==> flow/design.v <==
module mult_top #(
    parameter int BITS = 14
) (
    input logic aclk,
    input logic adv,
    input logic signed [BITS-1:0] rs1,
    input logic signed [BITS-1:0] rs2,
    output logic signed [2*BITS-1:0] m
);
    logic signed [BITS-1:0] rs1_d1;
    logic signed [BITS-1:0] rs2_d1;
    assign m = rs1_d1 * rs2_d1;
    always_ff @(posedge aclk) begin
        if (adv) begin
            rs1_d1 <= rs1;
            rs2_d1 <= rs2;
        end
    end
endmodule
# Tool chain data of mult_top
# Tool output for the design above, in the order of the flow.
# Lines are those of the file above, counted from 1.
# Library cell names are shortened.
setup:
  top_module: "mult_top"
  clock: "aclk"
  lib: "sky130hd"
  lib_corner: "tt_025C_1v80"

# Word level
# Counts by Yosys on the flattened word-level netlist (proc, flatten, opt, wreduce; memories kept). Register bits leave out memories and registers merged into their read ports (data or address); mux counts leave out enables and synchronous resets folded into registers. Print and check cells are left out. Cells with the same type and inputs are merged into one.
bits:
  input_bits: 30
  reg_bits: 28
  wordCells: 3
  output_inout_bits: 28
op_classes:
  mul: 1
op_table:
  columns: ["cell", "n"]
  rows:
  - ["multiplier 14 x 14 -> 28 bit", 1]

# Longest topological paths
# Yosys ltp: most cells in a row. Word level: on the elaborated netlist, between registers, memories and ports. Mapped: between sequential cells and ports; inverters and the memories' decode and read muxes count.
logic_depth:
  ltp_word: 1
  abc_area: 1
  mapped_depth: 27
  ltp_nobuf: 26

# After synthesis
# Yosys stat after the flow's synthesis: flattened, memories mapped to cells. It holds for the ABC_AREA given above (unset counts as 0); a run with the other value may have another netlist.
# The area totals of this step are shown rounded.
by_type:
  columns: ["cell_type", "n", "area_total_um2"]
  rows:
  - ["fa_1", 195, 3.9E+03]
  - ["inv_1", 354, 1.33E+03]
  - ["nand2_1", 294, 1.1E+03]
  - ["edfxtp_1", 28, 840.806]
  - ["ha_1", 67, 838.304]
  - ["xor2_1", 15, 131.376]
  - ["nand3_1", 25, 125.12]
  - ["a21oi_1", 24, 120.115]
  - ["clkbuf_1", 28, 105.101]
  - ["nor2_1", 25, 93.84]
  - ["nand4_1", 11, 68.816]
  - ["nand2_2", 10, 62.56]
  - ["nor2_2", 8, 50.048]
  - ["o21ai_0", 9, 45.043]
  - ["xnor2_1", 4, 35.034]
  - ["o21ai_1", 5, 25.024]
  - ["or2_2", 4, 25.024]
  - ["nor2_4", 2, 22.522]
# Other cell types: 12; their cells: 19.
mapped:
  n_buf: 28
  seq_area_um2: 840
  area_um2: 9100
  cells: 1127
  flip_flops: 28

# Path before layout
# Source: OpenSTA report_checks on the synthesized netlist (no wires, ideal clock, input and output delay 20% of the period each), path of least setup slack; recovery checks are left aside. Register names are those of the netlist, which keeps one name where synthesis merged equal registers.
synth_timing:
  kind: "flip-flop to output port"
  start: "register rs1_d1[13]"
  end: "output port m[27]"
  output_delay_ns: 1.844
  path_stages: 23
  period_ns: 9.22
  path_slack_ns: 2.056
  path_delay_ns: 5.320
  t_first_pin_ns: 0.000
  arrival_ns: 5.320
  path_buffers: 1
  required_time_ns: 7.376
  period_less_setup_slack_ns: 7.164
# "path_delay_ns" = arrival - input delay + setup time.
# At an output port there is no setup time.
# "path_stages" counts driving pins, that of a launching flip-flop among them; a cell with two outputs on the path counts twice.
# "period_less_setup_slack_ns" = period - worst setup slack (recovery checks aside). The figure is calculated, with input and output delays left at 20% of the set period.
# The rows between start and end are the longest chain of elaborated cells between them; the timing report does not say that the signal goes this way. Where chains are equally long, one stands for them.
# A line is the first line of the expression or statement that the cell stems from. Yosys adds cells for indexed reads and writes and turns some case tables into memories.
synth_via:
  cell_sequence: "edfxtp_1 clkbuf_1 nand2_1 fa_1 inv_1 fa_1 inv_1 fa_1 inv_1 fa_1 inv_1 fa_1 fa_1 inv_1 ha_1 inv_1 nor3_1 nand2_1 nor2_1 nand2_2 nand3_1 nand2_1 nand2_1"
  elab_chain_cells: 1
  cone_cells: 1
  cone_lines: 1
  classes_between: "mul: 1"
synth_lines:
  columns: ["element", "line", "source"]
  rows:
  - ["start, declared", 10, "logic signed [BITS-1:0] rs1_d1;"]
  - ["start, assigned", 15, "rs1_d1 <= rs1;"]
  - ["multiplier 14 x 14 -> 28 bit", 12, "assign m = rs1_d1 * rs2_d1;"]
  - ["end, declared", 8, "output logic signed [2*BITS-1:0] m"]

# Timing after layout
# From the final timing report of job 1: the path of least setup slack in the routed layout; clock arrival at registers is part of the times.
layout_timing:
  kind: "flip-flop to output port"
  start: "register rs2_d1[13]"
  end: "output port m[22]"
  path_slack_ns: 0.66
  path_stages: 24
  arrival_ns: 5.77
  t_first_pin_ns: 0.28
  required_time_ns: 6.43
  output_delay_ns: 1.61
  period_ns: 8.04
  path_buffers: 5
# The rows between start and end are the longest chain of elaborated cells between them; the timing report does not say that the signal goes this way. Where chains are equally long, one stands for them.
layout_via:
  cell_sequence: "edfxtp_1 clkinvlp_4 buf_12 buf_6 nor2_4 fa_1 fa_1 fa_1 fa_1 fa_2 inv_2 fa_1 inv_2 ha_4 buf_6 nand2_8 nor2_4 buf_6 and2_4 nand4_1 nand3_1 nand2_1 nand2_1 buf_2"
  elab_chain_cells: 1
  cone_cells: 1
  cone_lines: 1
  classes_between: "mul: 1"
layout_lines:
  columns: ["element", "line", "source"]
  rows:
  - ["start, declared", 11, "logic signed [BITS-1:0] rs2_d1;"]
  - ["start, assigned", 16, "rs2_d1 <= rs2;"]
  - ["multiplier 14 x 14 -> 28 bit", 12, "assign m = rs1_d1 * rs2_d1;"]
  - ["end, declared", 8, "output logic signed [2*BITS-1:0] m"]

Wiki page: mult_top / flow data

Stored flow runs of mult_top (3 of them; Yosys, OpenROAD, sky130hd). They differ in their settings and are not a sequence. Constraints: input delay and output delay 20% of the set period each, output load 0.01 pF.
"achieved_period_ns" means the clock period less the worst setup slack. The figure is calculated, with input and output delays left at 20% of the set period.
"critical_path_time_ns" is the time allowed to the run's worst setup path (the clock period less input and output delay, where it has them) less its slack. Clock arrival times count: a late capture clock shortens it, a late launch clock lengthens it.
Results are given in rounded form.

--- job 1 ---
==> flow/run.sh <==
#!/bin/bash
# the make line also repeats the synthesis and layout settings of config.mk as NAME=value (left out here)
make -C /OpenROAD-flow-scripts/flow DESIGN_CONFIG=/design/flow/config.mk WORK_HOME=/design/flow/orfs CLKGATE_MAP_FILE= finish
==> flow/config.mk <==
export PLATFORM = sky130hd
export DESIGN_NAME = mult_top
export DESIGN_NICKNAME = mult_top
export VERILOG_FILES = /design/flow/design.v
export SDC_FILE = /design/flow/constraint.sdc
export NUM_CORES = 4
export LEC_CHECK = 0
export ABC_AREA = 1
export CAP_MARGIN = 30
export CELL_PAD_IN_SITES_GLOBAL_PLACEMENT = 3
export CORE_ASPECT_RATIO = 0.62
export CORE_MARGIN = 2
export CORE_UTILIZATION = 17
export GPL_ROUTABILITY_DRIVEN = 0
export PLACE_DENSITY_LB_ADDON = 0.05
export SETUP_SLACK_MARGIN = 1.23
export SLEW_MARGIN = 20
==> flow/constraint.sdc <==
create_clock -name core_clock -period 8.04 [get_ports {aclk}]
set_input_delay 1.6080 -clock core_clock [delete_from_list [all_inputs] [get_ports {aclk}]]
set_output_delay 1.6080 -clock core_clock [all_outputs]
set_load 0.01 [all_outputs]

==> results, as YAML <==
results:
  design_die_area_um2: 55000
  cell_area_final_um2: 13000
  total_negative_slack_ns: 0.000
  ys_area_um2: 9100
  hold_worst_slack_ns: 1.8
  critical_path_time_ns: 5.77
  timing.worst_path_kind: "flip-flop to output port"
  achieved_period_ns: 7.378
  timing.setup.ws_ns: 0.66
  util_pct: 24

--- job 2 ---
==> flow/run.sh <==
#!/bin/bash
# the make line also repeats the synthesis and layout settings of config.mk as NAME=value (left out here)
make -C /OpenROAD-flow-scripts/flow DESIGN_CONFIG=/design/flow/config.mk WORK_HOME=/design/flow/orfs CLKGATE_MAP_FILE= finish
==> flow/config.mk <==
export PLATFORM = sky130hd
export DESIGN_NAME = mult_top
export DESIGN_NICKNAME = mult_top
export VERILOG_FILES = /design/flow/design.v
export SDC_FILE = /design/flow/constraint.sdc
export NUM_CORES = 4
export LEC_CHECK = 0
export CAP_MARGIN = 20
export CORE_MARGIN = 2
export CORE_UTILIZATION = 40
export SLEW_MARGIN = 20
==> flow/constraint.sdc <==
create_clock -name core_clock -period 9.22 [get_ports {aclk}]
set_input_delay 1.8440 -clock core_clock [delete_from_list [all_inputs] [get_ports {aclk}]]
set_output_delay 1.8440 -clock core_clock [all_outputs]
set_load 0.01 [all_outputs]

==> results, as YAML <==
results:
  design_die_area_um2: 22000
  cell_area_final_um2: 9600
  total_negative_slack_ns: 0.000
  ys_area_um2: 8500
  hold_worst_slack_ns: 2.1
  critical_path_time_ns: 7.02
  timing.worst_path_kind: "flip-flop to output port"
  achieved_period_ns: 8.860
  timing.setup.ws_ns: 0.36
  util_pct: 46

--- job 3 ---
==> flow/run.sh <==
#!/bin/bash
# the make line also repeats the synthesis and layout settings of config.mk as NAME=value (left out here)
make -C /OpenROAD-flow-scripts/flow DESIGN_CONFIG=/design/flow/config.mk WORK_HOME=/design/flow/orfs CLKGATE_MAP_FILE= finish
==> flow/config.mk <==
export PLATFORM = sky130hd
export DESIGN_NAME = mult_top
export DESIGN_NICKNAME = mult_top
export VERILOG_FILES = /design/flow/design.v
export SDC_FILE = /design/flow/constraint.sdc
export NUM_CORES = 4
export LEC_CHECK = 0
export CAP_MARGIN = 20
export CORE_MARGIN = 2
export CORE_UTILIZATION = 32
export CTS_CLUSTER_DIAMETER = 56
export GPL_TIMING_DRIVEN = 1
export MAX_ROUTING_LAYER = met4
export PLACE_DENSITY = 0.76
export SETUP_SLACK_MARGIN = 3.04
export SLEW_MARGIN = 20
==> flow/constraint.sdc <==
create_clock -name core_clock -period 11.0 [get_ports {aclk}]
set_input_delay 2.2000 -clock core_clock [delete_from_list [all_inputs] [get_ports {aclk}]]
set_output_delay 2.2000 -clock core_clock [all_outputs]
set_load 0.01 [all_outputs]

==> results, as YAML <==
results:
  design_die_area_um2: 28000
  cell_area_final_um2: 11000
  total_negative_slack_ns: 0.000
  ys_area_um2: 8500
  hold_worst_slack_ns: 2.5
  critical_path_time_ns: 6.26
  timing.worst_path_kind: "flip-flop to output port"
  achieved_period_ns: 8.462
  timing.setup.ws_ns: 2.5
  util_pct: 40
